==> flow/design.v <==
module add_core #(
   parameter DATA_W = 10
) (
   input sys_clk,
   input [DATA_W-1:0] i_op_a,
   input [DATA_W-1:0] i_op_b,
   input [DATA_W-1:0] i_op_c,
   output [DATA_W+1:0] o_result
);
   reg [DATA_W-1:0] op_a_r;
   reg [DATA_W-1:0] op_b_r;
   reg [DATA_W-1:0] op_c_r;
   wire [DATA_W-1:0] work;
   assign work = op_a_r ^ op_b_r ^ op_c_r;
   wire [DATA_W-1:0] cc;
   assign cc = (op_a_r & op_b_r) | (op_a_r & op_c_r) | (op_b_r & op_c_r);
   assign o_result = work + {cc, 1'b0};
   always @(posedge sys_clk) begin
      op_a_r <= i_op_a;
      op_b_r <= i_op_b;
      op_c_r <= i_op_c;
   end
endmodule
# From RTL to reports: add_core
# What the tools print for add_core, step after step.
# Lines are those of the file above, counted from 1.
# Operators: Yosys type, input widths -> output width; for muxes data width and select width s.
# Cell names lack the library's common part.
design:
  top_module: "add_core"
  clock: "sys_clk"
  library: "sky130hd"
  pvt_corner: "tt_025C_1v80"

# Word-level counts
# Yosys after proc, flatten, opt, wreduce and memory -nomap, before mapping. Enables and synchronous resets that opt folds into registers are not counted as muxes. Memory bits, and registers merged into a memory's read port (data or address), are not among the register bits. Print and check cells are not counted. Equal cells are merged and count once.
op_classes:
  logic: 7
  n_addsub: 1
op_table:
  columns: ["operator", "n"]
  rows:
  - ["$and 10x10->10", 3]
  - ["$or 10x10->10", 2]
  - ["$xor 10x10->10", 2]
  - ["$add 10x11->12", 1]
word_totals:
  wordCells: 11
  out_inout_bits: 12
  regBits: 30

# Depth
# Depth = most cells in a row (Yosys ltp): at word level without a register or memory, in the mapped netlist without a sequential cell, where the memories' decode and read muxes count.
depth:
  depth_word: 4
  ABC_AREA: 0
  depth_mapped: 11
  mapped_depth_nobuf: 11

# Mapped cells and area
# Source: synth_stat.txt of the flow (Yosys; design flattened, memories mapped). It holds for the ABC_AREA given above (unset counts as 0); a run with the other value may have another netlist.
mapped:
  flip_flops: 30
  cell_count: 104
  n_buf: 1
  sequential_area_um2: 600.6
  mapped_area_um2: 1281.2
by_type:
  columns: ["cell_type", "n"]
  rows:
  - ["dfxtp_1", 30]
  - ["fa_1", 11]
  - ["ha_1", 9]
  - ["inv_1", 17]
  - ["xnor2_1", 5]
  - ["a2111oi_4", 1]
  - ["a21oi_2", 2]
  - ["xor2_1", 2]
  - ["a21o_4", 1]
  - ["and3_1", 2]
  - ["and3_4", 1]
  - ["nand2_1", 3]
  - ["a21oi_1", 2]
  - ["mux2i_1", 1]
  - ["nand3_1", 2]
  - ["o21ai_1", 2]
  - ["o2111ai_1", 1]
  - ["o21ai_2", 1]
# Not listed: further types 11, cells in them 11.

# Worst setup path after synthesis
# OpenSTA on the mapped netlist: ideal clock, no wires. The path of least setup slack (recovery checks aside). Input and output delay are each 20% of the period. Register names are those of the netlist, which keeps one name where synthesis merged equal registers.
synth_timing:
  path_kind: "reg-to-output"
  from: "reg op_a_r[3]"
  to: "out o_result[10]"
  tclk_ns: 3.4
  required_time_ns: 2.720
  slack_ns: 0.544
  n_path_buf: 0
  driving_pins: 8
  path_delay_ns: 2.176
  t_arrival_ns: 2.176
  period_less_setup_slack_ns: 2.856
# "path_delay_ns" is the arrival time less input delay plus setup time.
# A path that ends at an output port has no setup time.
# "driving_pins" counts driving pins, that of a launching flip-flop among them; a cell with two outputs on the path counts twice.
# "period_less_setup_slack_ns" = period - worst setup slack (recovery checks aside). The figure is calculated, with input and output delays left at 20% of the set period.
# The rows between start and end are the longest chain of elaborated cells between them; the timing report does not say that the signal goes this way. Where chains are equally long, one stands for them.
# Each line given opens the expression or statement behind the cell; cells for indexed reads and writes are added by Yosys, which also makes memories of some case tables.
synth_between:
  cell_sequence: "dfxtp_1 fa_1 ha_1 and3_4 a2111oi_4 o21ai_2 a21oi_2 xor2_1"
  elab_chain_cells: 4
  cells_between: 7
  lines_between: 3
  cone_classes: "add/sub (1); logic (6)"
synth_lines:
  columns: ["element", "line_no", "rtl"]
  rows:
  - ["start: declaration", 10, "reg [DATA_W-1:0] op_a_r;"]
  - ["start: assignment", 19, "op_a_r <= i_op_a;"]
  - ["$and 10x10->10", 16, "assign cc = (op_a_r & op_b_r) | (op_a_r & op_c_r) | (op_b_r & op_c_r);"]
  - ["$or 10x10->10 (2 in a row)", 16, null]
  - ["$add 10x11->12", 17, "assign o_result = work + {cc, 1'b0};"]
  - ["end: declaration", 8, "output [DATA_W+1:0] o_result"]

# Timing after layout
# Path of least setup slack in the final report of entry B (OpenROAD, finished layout, wires in). Where an end is a register, its clock arrival counts in the times.
layout_timing:
  path_kind: "reg-to-output"
  from: "reg op_a_r[3]"
  to: "out o_result[10]"
  tclk_ns: 3.4
  driving_pins: 11
  required_time_ns: 2.72
  t_arrival_ns: 2.81
  slack_ns: -0.09
  n_path_buf: 3
# The rows between start and end are the longest chain of elaborated cells between them; the timing report does not say that the signal goes this way. Where chains are equally long, one stands for them.
layout_between:
  cell_sequence: "dfxtp_1 fa_1 ha_1 and3_4 a2111oi_4 buf_4 buf_6 o21ai_4 a21oi_2 xor2_1 buf_2"
  elab_chain_cells: 4
  cells_between: 7
  lines_between: 3
  cone_classes: "add/sub (1); logic (6)"
layout_lines:
  columns: ["element", "line_no", "rtl"]
  rows:
  - ["start: declaration", 10, "reg [DATA_W-1:0] op_a_r;"]
  - ["start: assignment", 19, "op_a_r <= i_op_a;"]
  - ["$and 10x10->10", 16, "assign cc = (op_a_r & op_b_r) | (op_a_r & op_c_r) | (op_b_r & op_c_r);"]
  - ["$or 10x10->10 (2 in a row)", 16, null]
  - ["$add 10x11->12", 17, "assign o_result = work + {cc, 1'b0};"]
  - ["end: declaration", 8, "output [DATA_W+1:0] o_result"]

Wiki page: add_core / flow data

Flow measurements of add_core on sky130hd: 3 stored runs with different settings, listed in no order. Input and output delays are each 20% of the period that was set; the output load is 0.01 pF.
"period_reached_ns" means the clock period less the worst setup slack. The figure is calculated, with input and output delays left at 20% of the set period.
By "worstPathTime_ns" is meant the share of the clock period that the worst setup path is allowed (20% is reserved at inputs, 20% at outputs), minus its slack. Clock arrival times at its registers enter into it.
"power_total_uw" is the tool's figure for a default switching activity; nothing was simulated.

--- entry A ---
==> flow/run.sh <==
#!/bin/bash
# the make line also repeats the synthesis and layout settings of config.mk as NAME=value (left out here)
make -C /OpenROAD-flow-scripts/flow DESIGN_CONFIG=/design/flow/config.mk WORK_HOME=/design/flow/orfs CLKGATE_MAP_FILE= finish
==> flow/config.mk <==
export PLATFORM = sky130hd
export DESIGN_NAME = add_core
export DESIGN_NICKNAME = add_core
export VERILOG_FILES = /design/flow/design.v
export SDC_FILE = /design/flow/constraint.sdc
export NUM_CORES = 4
export LEC_CHECK = 0
export CAP_MARGIN = 20
export CELL_PAD_IN_SITES_GLOBAL_PLACEMENT = 2
export CORE_ASPECT_RATIO = 0.67
export CORE_MARGIN = 2
export CORE_UTILIZATION = 67
export GPL_ROUTABILITY_DRIVEN = 1
export GPL_TIMING_DRIVEN = 1
export MIN_ROUTING_LAYER = met1
export PLACE_DENSITY = 0.56
export SETUP_SLACK_MARGIN = -0.08
export SLEW_MARGIN = 20
export TNS_END_PERCENT = 75
==> flow/constraint.sdc <==
create_clock -name core_clock -period 2.55 [get_ports {sys_clk}]
set_input_delay 0.5100 -clock core_clock [delete_from_list [all_inputs] [get_ports {sys_clk}]]
set_output_delay 0.5100 -clock core_clock [all_outputs]
set_load 0.01 [all_outputs]

==> results, as YAML <==
outcome: "no final report: placement broke off with GPL-0301"

--- entry B ---
==> flow/run.sh <==
#!/bin/bash
# the make line also repeats the synthesis and layout settings of config.mk as NAME=value (left out here)
make -C /OpenROAD-flow-scripts/flow DESIGN_CONFIG=/design/flow/config.mk WORK_HOME=/design/flow/orfs CLKGATE_MAP_FILE= finish
==> flow/config.mk <==
export PLATFORM = sky130hd
export DESIGN_NAME = add_core
export DESIGN_NICKNAME = add_core
export VERILOG_FILES = /design/flow/design.v
export SDC_FILE = /design/flow/constraint.sdc
export NUM_CORES = 4
export LEC_CHECK = 0
export CAP_MARGIN = 20
export CORE_MARGIN = 2
export CORE_UTILIZATION = 40
export SLEW_MARGIN = 20
==> flow/constraint.sdc <==
create_clock -name core_clock -period 3.4 [get_ports {sys_clk}]
set_input_delay 0.6800 -clock core_clock [delete_from_list [all_inputs] [get_ports {sys_clk}]]
set_output_delay 0.6800 -clock core_clock [all_outputs]
set_load 0.01 [all_outputs]

==> results, as YAML <==
results:
  power_total_uw: 1005
  synthesis_area_um2: 1281.2
  worstSetupSlack_ns: -0.089
  fin_util_pct: 63.0
  worstPathTime_ns: 2.81
  worst_path_kind: "reg-to-output"
  period_reached_ns: 3.489
  final_die_area_um2: 3671.8
  total_negative_slack_ns: -0.089

--- entry C ---
==> flow/run.sh <==
#!/bin/bash
# the make line also repeats the synthesis and layout settings of config.mk as NAME=value (left out here)
make -C /OpenROAD-flow-scripts/flow DESIGN_CONFIG=/design/flow/config.mk WORK_HOME=/design/flow/orfs CLKGATE_MAP_FILE= finish
==> flow/config.mk <==
export PLATFORM = sky130hd
export DESIGN_NAME = add_core
export DESIGN_NICKNAME = add_core
export VERILOG_FILES = /design/flow/design.v
export SDC_FILE = /design/flow/constraint.sdc
export NUM_CORES = 4
export LEC_CHECK = 0
export ABC_AREA = 0
export CAP_MARGIN = 35
export CELL_PAD_IN_SITES_GLOBAL_PLACEMENT = 0
export CORE_MARGIN = 4
export CORE_UTILIZATION = 15
export CTS_CLUSTER_SIZE = 71
export GPL_TIMING_DRIVEN = 0
export PLACE_DENSITY = 0.64
export SLEW_MARGIN = 20
==> flow/constraint.sdc <==
create_clock -name core_clock -period 4.16 [get_ports {sys_clk}]
set_input_delay 0.8320 -clock core_clock [delete_from_list [all_inputs] [get_ports {sys_clk}]]
set_output_delay 0.8320 -clock core_clock [all_outputs]
set_load 0.01 [all_outputs]

==> results, as YAML <==
results:
  period_reached_ns: 3.950
  worstSetupSlack_ns: 0.210
  final_die_area_um2: 10084.2
  synthesis_area_um2: 1281.2
  worstPathTime_ns: 3.12
  worst_path_kind: "reg-to-output"
  total_negative_slack_ns: 0.000
  fin_util_pct: 23.4
  power_total_uw: 863
